==> flow/design.v <==
module adder_v2 #(
  parameter int BITS = 10,
  parameter int N = 3,
  parameter int OUT_W = BITS + $clog2(N)
) (
  input logic i_clk,
  input logic i_rst_n,
  input logic [N*BITS-1:0] d,
  output logic [OUT_W-1:0] o
);
  logic [N*BITS-1:0] r_d;
  wire [OUT_W-1:0] lvl [1:2*N-1];
  for (genvar gi = 0; gi < N; gi++) begin : stage
    assign lvl[N+gi] = r_d[gi*BITS +: BITS];
  end
  for (genvar gi = 1; gi < N; gi++) begin : lane
    assign lvl[gi] = lvl[2*gi] + lvl[2*gi+1];
  end
  assign o = lvl[1];
  always_ff @(posedge i_clk) begin
    if (!i_rst_n) begin
      r_d <= '0;
    end else begin
      r_d <= d;
    end
  end
endmodule
---- From RTL to reports: adder_v2 ----
The steps from the RTL of adder_v2 to its reports follow in flow order.
Lines are those of the file above, counted from 1.
Cell names lack the library's common part.
A cell with - has no value.
design
  design top .............................. adder_v2
  clock port .............................. i_clk
  standard-cell library ................... sky130hd
  library corner .......................... tt_025C_1v80

---- Word-level counts ----
Yosys after proc, flatten, opt, wreduce and memory -nomap, before mapping. Enables and synchronous resets that opt folds into registers are not counted as muxes. Print and check cells are not counted. Equal cells are merged and count once.
storage and ports
  flip-flop bits (word level) ............. 30
  bits of input ports ..................... 32
  output and inout bits ................... 12
  word-level cells ........................ 3
cells by class
  add/subtract/negate cells ............... 2
operators with widths
  kind                     number
  adder 12 x 10 -> 12 bit  1
  adder 10 x 10 -> 11 bit  1

---- Logic depth ----
Yosys ltp: most cells in a row. Word level: on the elaborated netlist, between registers, memories and ports. Mapped: between sequential cells and ports; inverters and the memories' decode and read muxes count.
depth
  depth after elaboration ................. 2
  ABC_AREA ................................ 0
  gate-level depth with buffers ........... 12
  gate-level depth less buffers ........... 12

---- Netlist ----
Yosys stat after the flow's synthesis: flattened, memories mapped to cells. It holds for the ABC_AREA given above (unset counts as 0); a run with the other value may have another netlist.
synthesis totals
  cell count .............................. 166
  synthesis area .......................... 1616.6 um2
  sequential area ......................... 600.6 um2
  flip-flops .............................. 30
  buffers ................................. 3
cells by type
  cell       number  total area (um2)
  dfxtp_1    30      600.576
  ha_1       21      262.752
  and2_1     30      187.68
  xnor2_1    10      87.584
  a21oi_1    12      60.058
  xor2_1     6       52.55
  nor2_1     11      41.29
  fa_1       2       40.038
  o21ai_0    6       30.029
  a2111oi_4  1       27.526
  a211oi_1   3       22.522
  nand2_1    6       22.522
  a21o_1     2       15.014
  nand3_1    3       15.014
  o21a_1     2       15.014
  o21bai_1   2       15.014
  a31oi_1    2       12.512
  nand2b_1   2       12.512
Other cell types: 11; their cells: 15.

---- Path before layout ----
OpenSTA on the mapped netlist: ideal clock, no wires. The path of least setup slack (recovery checks aside). Input and output delay are each 20% of the period. Register names are those of the netlist, which keeps one name where synthesis merged equal registers.
timing post-synthesis
  path kind ............................... flip-flop to output port
  from .................................... register r_d[10]
  to ...................................... output port o[10]
  period .................................. 4.17 ns
  output delay ............................ 0.834 ns
  time at the first pin ................... 0.000 ns
  data arrival time ....................... 2.669 ns
  data required time ...................... 3.336 ns
  setup slack ............................. 0.667 ns
  delay of the path ....................... 2.669 ns
  stages .................................. 13
  buffers on the path ..................... 0
  synthesis period reached ................ 3.503 ns
"delay of the path" is the arrival time less input delay plus setup time.
A path that ends at an output port has no setup time.
"stages": output pins that drive a net of the path, with the launching flip-flop's if there is one; two outputs of one cell count as two.
"synthesis period reached" is the clock period less the worst setup slack; recovery checks do not enter. This is arithmetic on one report: input and output delays are still those of the set period (20% each).
Between the ends stands the longest chain of elaborated cells between them, by number of cells; it is not shown to be the way that was timed. Of several equally long chains one is given.
Each line given opens the expression or statement behind the cell; cells for indexed reads and writes are added by Yosys, which also makes memories of some case tables.
between the ends, post-synthesis
  cells stage by stage .................... dfxtp_1 -> ha_1 -> fa_1 -> a21oi_1 -> o21ai_0 -> a21oi_1 -> xnor2_1 -> ha_1 -> a21oi_1 -> nor2_1 -> a2111oi_0 -> a21oi_1 -> xor2_1
  cells in the longest elaborated chain ... 2
  elaborated cells on any way between the ends .. 2
  RTL lines with such cells ............... 1
  classes of those cells .................. add/sub: 2
RTL lines, path post-synthesis
  what                     RTL line  source
  start: declaration       11        logic [N*BITS-1:0] r_d;
  start: assignment        22        r_d <= '0;
  start: assignment        24        r_d <= d;
  adder 10 x 10 -> 11 bit  17        assign lvl[gi] = lvl[2*gi] + lvl[2*gi+1];
  adder 12 x 10 -> 12 bit  17
  end: declaration         9         output logic [OUT_W-1:0] o

---- Worst path after layout ----
From the final timing report of flow run 1: the path of least setup slack in the routed layout; clock arrival at registers is part of the times.
timing post-layout
  path kind ............................... flip-flop to output port
  from .................................... register r_d[20]
  to ...................................... output port o[8]
  period .................................. 2.98 ns
  output delay ............................ 0.60 ns
  time at the first pin ................... 0.28 ns
  data arrival time ....................... 2.96 ns
  data required time ...................... 2.38 ns
  setup slack ............................. -0.58 ns
  stages .................................. 13
  buffers on the path ..................... 3
Between the ends stands the longest chain of elaborated cells between them, by number of cells; it is not shown to be the way that was timed. Of several equally long chains one is given.
between the ends, post-layout
  cells stage by stage .................... dfxtp_2 -> ha_4 -> fa_2 -> buf_4 -> buf_4 -> xor2_1 -> ha_1 -> a211oi_2 -> nor2_1 -> o21a_1 -> o41a_1 -> xor2_1 -> buf_2
  cells in the longest elaborated chain ... 2
  elaborated cells on any way between the ends .. 2
  RTL lines with such cells ............... 1
  classes of those cells .................. add/sub: 2
RTL lines, path post-layout
  what                     RTL line  source
  start: declaration       11        logic [N*BITS-1:0] r_d;
  start: assignment        22        r_d <= '0;
  start: assignment        24        r_d <= d;
  adder 10 x 10 -> 11 bit  17        assign lvl[gi] = lvl[2*gi] + lvl[2*gi+1];
  adder 12 x 10 -> 12 bit  17
  end: declaration         9         output logic [OUT_W-1:0] o

Subject: flow runs of adder_v2

Hi,

Measured data: module adder_v2, platform sky130hd, 3 stored runs of the flow under differing settings, order arbitrary. Input and output delays are each 20% of the period that was set; the output load is 0.01 pF.
"achieved clock period (ns)" is the run's clock period less its worst setup slack. It is reckoned from that one timing run; input and output delays stay at 20% of the period that was set.
"worst setup path time (ns)" = time allowed to the worst setup path (clock period - input delay - output delay, where it has them) - its slack; a late launch clock adds to it, a late capture clock takes from it.
"finish__power__total" rests on the timing tool's default activity at the inputs, not on a simulated workload.

Flow files of flow run 1
==> flow/run.sh <==
#!/bin/bash
# the make line also repeats the synthesis and layout settings of config.mk as NAME=value (left out here)
make -C /OpenROAD-flow-scripts/flow DESIGN_CONFIG=/design/flow/config.mk WORK_HOME=/design/flow/orfs CLKGATE_MAP_FILE= finish
==> flow/config.mk <==
export PLATFORM = sky130hd
export DESIGN_NAME = adder_v2
export DESIGN_NICKNAME = adder_v2
export VERILOG_FILES = /design/flow/design.v
export SDC_FILE = /design/flow/constraint.sdc
export NUM_CORES = 4
export LEC_CHECK = 0
export CAP_MARGIN = 20
export CORE_MARGIN = 4
export CORE_UTILIZATION = 31
export HOLD_SLACK_MARGIN = -0.08
export SLEW_MARGIN = 20
export TNS_END_PERCENT = 35
==> flow/constraint.sdc <==
create_clock -name core_clock -period 2.98 [get_ports {i_clk}]
set_input_delay 0.5960 -clock core_clock [delete_from_list [all_inputs] [get_ports {i_clk}]]
set_output_delay 0.5960 -clock core_clock [all_outputs]
set_load 0.01 [all_outputs]

report of flow run 1
yosys chip area after synthesis (um^2): 1616.6
finish__design__die__area: 6433.6
finish__design__instance__area__stdcell: 2746.4
finish__timing__setup__ws: -0.577
finish__timing__setup__tns: -3.697
finish__timing__hold__ws: 0.870
finish__power__total: 1.226e-03
achieved clock period (ns): 3.557
worst setup path time (ns): 2.96
worst setup path kind: flip-flop to output port

Flow files of flow run 2
==> flow/run.sh <==
#!/bin/bash
# the make line also repeats the synthesis and layout settings of config.mk as NAME=value (left out here)
make -C /OpenROAD-flow-scripts/flow DESIGN_CONFIG=/design/flow/config.mk WORK_HOME=/design/flow/orfs CLKGATE_MAP_FILE= finish
==> flow/config.mk <==
export PLATFORM = sky130hd
export DESIGN_NAME = adder_v2
export DESIGN_NICKNAME = adder_v2
export VERILOG_FILES = /design/flow/design.v
export SDC_FILE = /design/flow/constraint.sdc
export NUM_CORES = 4
export LEC_CHECK = 0
export CAP_MARGIN = 20
export CORE_MARGIN = 2
export CORE_UTILIZATION = 40
export SLEW_MARGIN = 20
==> flow/constraint.sdc <==
create_clock -name core_clock -period 4.17 [get_ports {i_clk}]
set_input_delay 0.8340 -clock core_clock [delete_from_list [all_inputs] [get_ports {i_clk}]]
set_output_delay 0.8340 -clock core_clock [all_outputs]
set_load 0.01 [all_outputs]

report of flow run 2
yosys chip area after synthesis (um^2): 1616.6
finish__design__die__area: 4565.7
finish__design__instance__area__stdcell: 2259.7
finish__timing__setup__ws: 0.270
finish__timing__setup__tns: 0.000
finish__timing__hold__ws: 1.122
finish__power__total: 8.023e-04
achieved clock period (ns): 3.900
worst setup path time (ns): 3.07
worst setup path kind: flip-flop to output port

Flow files of flow run 3
==> flow/run.sh <==
#!/bin/bash
# the make line also repeats the synthesis and layout settings of config.mk as NAME=value (left out here)
make -C /OpenROAD-flow-scripts/flow DESIGN_CONFIG=/design/flow/config.mk WORK_HOME=/design/flow/orfs CLKGATE_MAP_FILE= finish
==> flow/config.mk <==
export PLATFORM = sky130hd
export DESIGN_NAME = adder_v2
export DESIGN_NICKNAME = adder_v2
export VERILOG_FILES = /design/flow/design.v
export SDC_FILE = /design/flow/constraint.sdc
export NUM_CORES = 4
export LEC_CHECK = 0
export ABC_AREA = 1
export CAP_MARGIN = 0
export CORE_ASPECT_RATIO = 1.29
export CORE_MARGIN = 2
export CORE_UTILIZATION = 71
export CTS_CLUSTER_SIZE = 77
export MIN_ROUTING_LAYER = met1
export PLACE_DENSITY_LB_ADDON = 0.1
export SLEW_MARGIN = 0
==> flow/constraint.sdc <==
create_clock -name core_clock -period 5.07 [get_ports {i_clk}]
set_input_delay 1.0140 -clock core_clock [delete_from_list [all_inputs] [get_ports {i_clk}]]
set_output_delay 1.0140 -clock core_clock [all_outputs]
set_load 0.01 [all_outputs]

report of flow run 3: did not finish, place, FLW-0024

Regards
